==> flow/design.v <==
module u_compare #(
  parameter int DWIDTH = 96
) (
  input logic sys_clk,
  input logic [DWIDTH-1:0] u,
  input logic [DWIDTH-1:0] v,
  output logic [DWIDTH-1:0] min_o,
  output logic [DWIDTH-1:0] high
);
  logic [DWIDTH-1:0] r_u;
  logic [DWIDTH-1:0] r_v;
  always_ff @(posedge sys_clk) begin
    r_u <= u;
    r_v <= v;
  end
  logic val;
  assign val = r_u < r_v;
  assign min_o = val ? r_u : r_v;
  assign high = val ? r_v : r_u;
endmodule
Step by step through the tools: u_compare
Tool output for the design above, in the order of the flow. Lines are those of the file above, counted from 1. Operators: Yosys type, input widths -> output width; for muxes data width and select width s. A cell with - has no value.

Top: u_compare. Clock: sys_clk. Cell library: sky130hd. Corner: tt_025C_1v80.

Word level
Source: Yosys, flattened and elaborated, memories not mapped. Widths are those after wreduce; folded enables and synchronous resets count as part of the registers. Registers that Yosys merges into a memory's read port (data or address) are not register bits. Print and check cells do not count. Equal cells are merged and count once.

Under order comparisons stands 1. The entry for muxes and demuxes reads 2.

Operators with widths (number): $mux 96 (2); $lt 96x96->1 (1).

Under bits in registers stands 192. Input bits: 193. Under output and inout bits stands 192.

Depth
Longest topological path by Yosys (ltp), each cell counted once; first at word level (registers and memories cut), then after technology mapping (sequential cells cut; the memories' decode and read muxes count).

The figure for depth after elaboration is 2. Under ABC_AREA stands 0. Under gate-level depth with buffers stands 12.

Mapped cells and area
Source: synth_stat.txt of the flow (Yosys; design flattened, memories mapped). It holds for the ABC_AREA given above (unset counts as 0); a run with the other value may have another netlist. Totals and module areas in this step are rounded.

Cells in the netlist: 1895. Cell area after synthesis: 0.016 mm². For sequential part of the area the number is 0.0038 mm². The entry for mapped flip-flops reads 192. Under buffers stands 210.

Cells by type: sky130_fd_sc_hd__dfxtp_1 (number 192, area in all 3.84E+03 µm²); sky130_fd_sc_hd__a221oi_2 (number 180, area in all 2.7E+03 µm²); sky130_fd_sc_hd__o311ai_1 (number 192, area in all 1.68E+03 µm²); sky130_fd_sc_hd__ha_1 (number 95, area in all 1188.64 µm²); sky130_fd_sc_hd__o21ai_0 (number 198, area in all 990.95 µm²); sky130_fd_sc_hd__nand2_1 (number 213, area in all 799.517 µm²); sky130_fd_sc_hd__and3_1 (number 98, area in all 613.088 µm²); sky130_fd_sc_hd__and2_1 (number 97, area in all 606.832 µm²); sky130_fd_sc_hd__nor3_1 (number 101, area in all 505.485 µm²); sky130_fd_sc_hd__clkbuf_1 (number 134, area in all 502.982 µm²); sky130_fd_sc_hd__nor2_1 (number 100, area in all 375.36 µm²); sky130_fd_sc_hd__inv_1 (number 96, area in all 360.346 µm²); sky130_fd_sc_hd__buf_2 (number 44, area in all 220.211 µm²); sky130_fd_sc_hd__a21oi_1 (number 36, area in all 180.173 µm²); sky130_fd_sc_hd__buf_4 (number 19, area in all 142.637 µm²); sky130_fd_sc_hd__buf_6 (number 11, area in all 123.869 µm²); sky130_fd_sc_hd__a221oi_1 (number 14, area in all 122.618 µm²); sky130_fd_sc_hd__nand4_1 (number 19, area in all 118.864 µm²).

Other cell types: 24; their cells: 56.

Timing after synthesis
OpenSTA on the mapped netlist: ideal clock, no wires. The path of least setup slack (recovery checks aside). Input and output delay are each 20% of the period. Register names are those of the netlist, which keeps one name where synthesis merged equal registers.

Path kind: register -> output. Start point: register r_v[57]. End point: output high[15]. The figure for period is 4.1 ns. For external output delay the number is 0.820 ns. For data arrival time the number is 2.623 ns. The figure for path slack is 0.657 ns. The entry for delay of the path reads 2.623 ns. Under stages stands 12. The figure for period reached after synthesis is 3.443 ns.

"delay of the path" is the arrival time less input delay plus setup time. At an output port there is no setup time. "stages": output pins that drive a net of the path, with the launching flip-flop's if there is one; two outputs of one cell count as two. "period reached after synthesis" is the clock period less the worst setup slack; recovery checks do not enter. This is arithmetic on one report: input and output delays are still those of the set period (20% each). Between the ends stands the longest chain of elaborated cells between them, by number of cells; it is not shown to be the way that was timed. Of several equally long chains one is given. Each line given opens the expression or statement behind the cell; cells for indexed reads and writes are added by Yosys, which also makes memories of some case tables.

Cells stage by stage: sky130_fd_sc_hd__dfxtp_1 sky130_fd_sc_hd__inv_1 sky130_fd_sc_hd__ha_1 sky130_fd_sc_hd__a21o_1 sky130_fd_sc_hd__a21o_1 sky130_fd_sc_hd__a221oi_1 sky130_fd_sc_hd__o211ai_1 sky130_fd_sc_hd__a32o_1 sky130_fd_sc_hd__or2_1 sky130_fd_sc_hd__clkbuf_1 sky130_fd_sc_hd__clkbuf_1 sky130_fd_sc_hd__o311ai_1. The entry for length of the longest elaborated chain reads 2.

Ends and longest elaborated chain, after synthesis: start: declaration (line 11) `logic [DWIDTH-1:0] r_v;`; start: assignment (line 14) `r_v <= v;`; $lt 96x96->1 (line 17) `assign val = r_u < r_v;`; $mux 96 (line 19) `assign high = val ? r_v : r_u;`; end: declaration (line 8) `output logic [DWIDTH-1:0] high`.

Worst path after layout
Path of least setup slack in the final report of flow run 2 (OpenROAD, finished layout, wires in). Where an end is a register, its clock arrival counts in the times.

Path kind: register -> output. Start point: register r_v[39]. End point: output high[33]. The figure for period is 4.1 ns. For external output delay the number is 0.82 ns. For data arrival time the number is 3.68 ns. The figure for path slack is -0.40 ns. Under stages stands 14.

Between the ends stands the longest chain of elaborated cells between them, by number of cells; it is not shown to be the way that was timed. Of several equally long chains one is given.

Cells stage by stage: sky130_fd_sc_hd__dfxtp_2 sky130_fd_sc_hd__inv_1 sky130_fd_sc_hd__ha_4 sky130_fd_sc_hd__nand4_1 sky130_fd_sc_hd__nor4_4 sky130_fd_sc_hd__nand3_2 sky130_fd_sc_hd__or4_4 sky130_fd_sc_hd__o22ai_4 sky130_fd_sc_hd__buf_4 sky130_fd_sc_hd__bufbuf_16 sky130_fd_sc_hd__buf_12 sky130_fd_sc_hd__a221oi_2 sky130_fd_sc_hd__o311ai_2 sky130_fd_sc_hd__buf_2. The entry for length of the longest elaborated chain reads 2.

Ends and longest elaborated chain, after layout: start: declaration (line 11) `logic [DWIDTH-1:0] r_v;`; start: assignment (line 14) `r_v <= v;`; $lt 96x96->1 (line 17) `assign val = r_u < r_v;`; $mux 96 (line 19) `assign high = val ? r_v : r_u;`; end: declaration (line 8) `output logic [DWIDTH-1:0] high`.

Lab notebook: u_compare

Module u_compare, platform sky130hd: 2 stored runs of the flow (Yosys, OpenROAD) with differing settings, in no particular order. Input and output delays are each 20% of the period that was set; the output load is 0.01 pF. "clock period achieved" is the run's clock period less its worst setup slack. It is reckoned from that one timing run; input and output delays stay at 20% of the period that was set. "critical path time" = time allowed to the worst setup path (clock period - input delay - output delay, where it has them) - its slack; a late launch clock adds to it, a late capture clock takes from it. "overall power": no workload was simulated; the value follows from the tool's default switching activity. Measured values are rounded.

Files of flow run 1:
==> flow/run.sh <==
#!/bin/bash
# the make line also repeats the synthesis and layout settings of config.mk as NAME=value (left out here)
make -C /OpenROAD-flow-scripts/flow DESIGN_CONFIG=/design/flow/config.mk WORK_HOME=/design/flow/orfs CLKGATE_MAP_FILE= finish
==> flow/config.mk <==
export PLATFORM = sky130hd
export DESIGN_NAME = u_compare
export DESIGN_NICKNAME = u_compare
export VERILOG_FILES = /design/flow/design.v
export SDC_FILE = /design/flow/constraint.sdc
export NUM_CORES = 4
export LEC_CHECK = 0
export ABC_AREA = 1
export CAP_MARGIN = 20
export CELL_PAD_IN_SITES_DETAIL_PLACEMENT = 1
export CORE_MARGIN = 2
export CORE_UTILIZATION = 43
export CTS_CLUSTER_DIAMETER = 284
export CTS_CLUSTER_SIZE = 18
export GPL_ROUTABILITY_DRIVEN = 1
export SETUP_SLACK_MARGIN = 1.54
export SLEW_MARGIN = 20
export TNS_END_PERCENT = 55
==> flow/constraint.sdc <==
create_clock -name core_clock -period 5.37 [get_ports {sys_clk}]
set_input_delay 1.0740 -clock core_clock [delete_from_list [all_inputs] [get_ports {sys_clk}]]
set_output_delay 1.0740 -clock core_clock [all_outputs]
set_load 0.01 [all_outputs]

Outcome of flow run 1: did not finish, clock tree synthesis stopped with DPL-0033.

Files of flow run 2:
==> flow/run.sh <==
#!/bin/bash
# the make line also repeats the synthesis and layout settings of config.mk as NAME=value (left out here)
make -C /OpenROAD-flow-scripts/flow DESIGN_CONFIG=/design/flow/config.mk WORK_HOME=/design/flow/orfs CLKGATE_MAP_FILE= finish
==> flow/config.mk <==
export PLATFORM = sky130hd
export DESIGN_NAME = u_compare
export DESIGN_NICKNAME = u_compare
export VERILOG_FILES = /design/flow/design.v
export SDC_FILE = /design/flow/constraint.sdc
export NUM_CORES = 4
export LEC_CHECK = 0
export CAP_MARGIN = 20
export CORE_MARGIN = 2
export CORE_UTILIZATION = 40
export SLEW_MARGIN = 20
==> flow/constraint.sdc <==
create_clock -name core_clock -period 4.1 [get_ports {sys_clk}]
set_input_delay 0.8200 -clock core_clock [delete_from_list [all_inputs] [get_ports {sys_clk}]]
set_output_delay 0.8200 -clock core_clock [all_outputs]
set_load 0.01 [all_outputs]

Results of flow run 2. The measured overall power is 7600 uW. The final design utilization is 75%. The die outline area is 0.04 mm². The post-route worst hold slack reads 0.74 ns. The measured critical path time is 3.68 ns. Critical path type: register -> output. The worst slack on setup checks stands at -0.40 ns. The sum of negative setup slack is -57 ns. The measured chip area after synthesis (Yosys) is 0.016 mm². The standard-cell area after layout is 0.029 mm². The clock period achieved reads 4.499 ns.
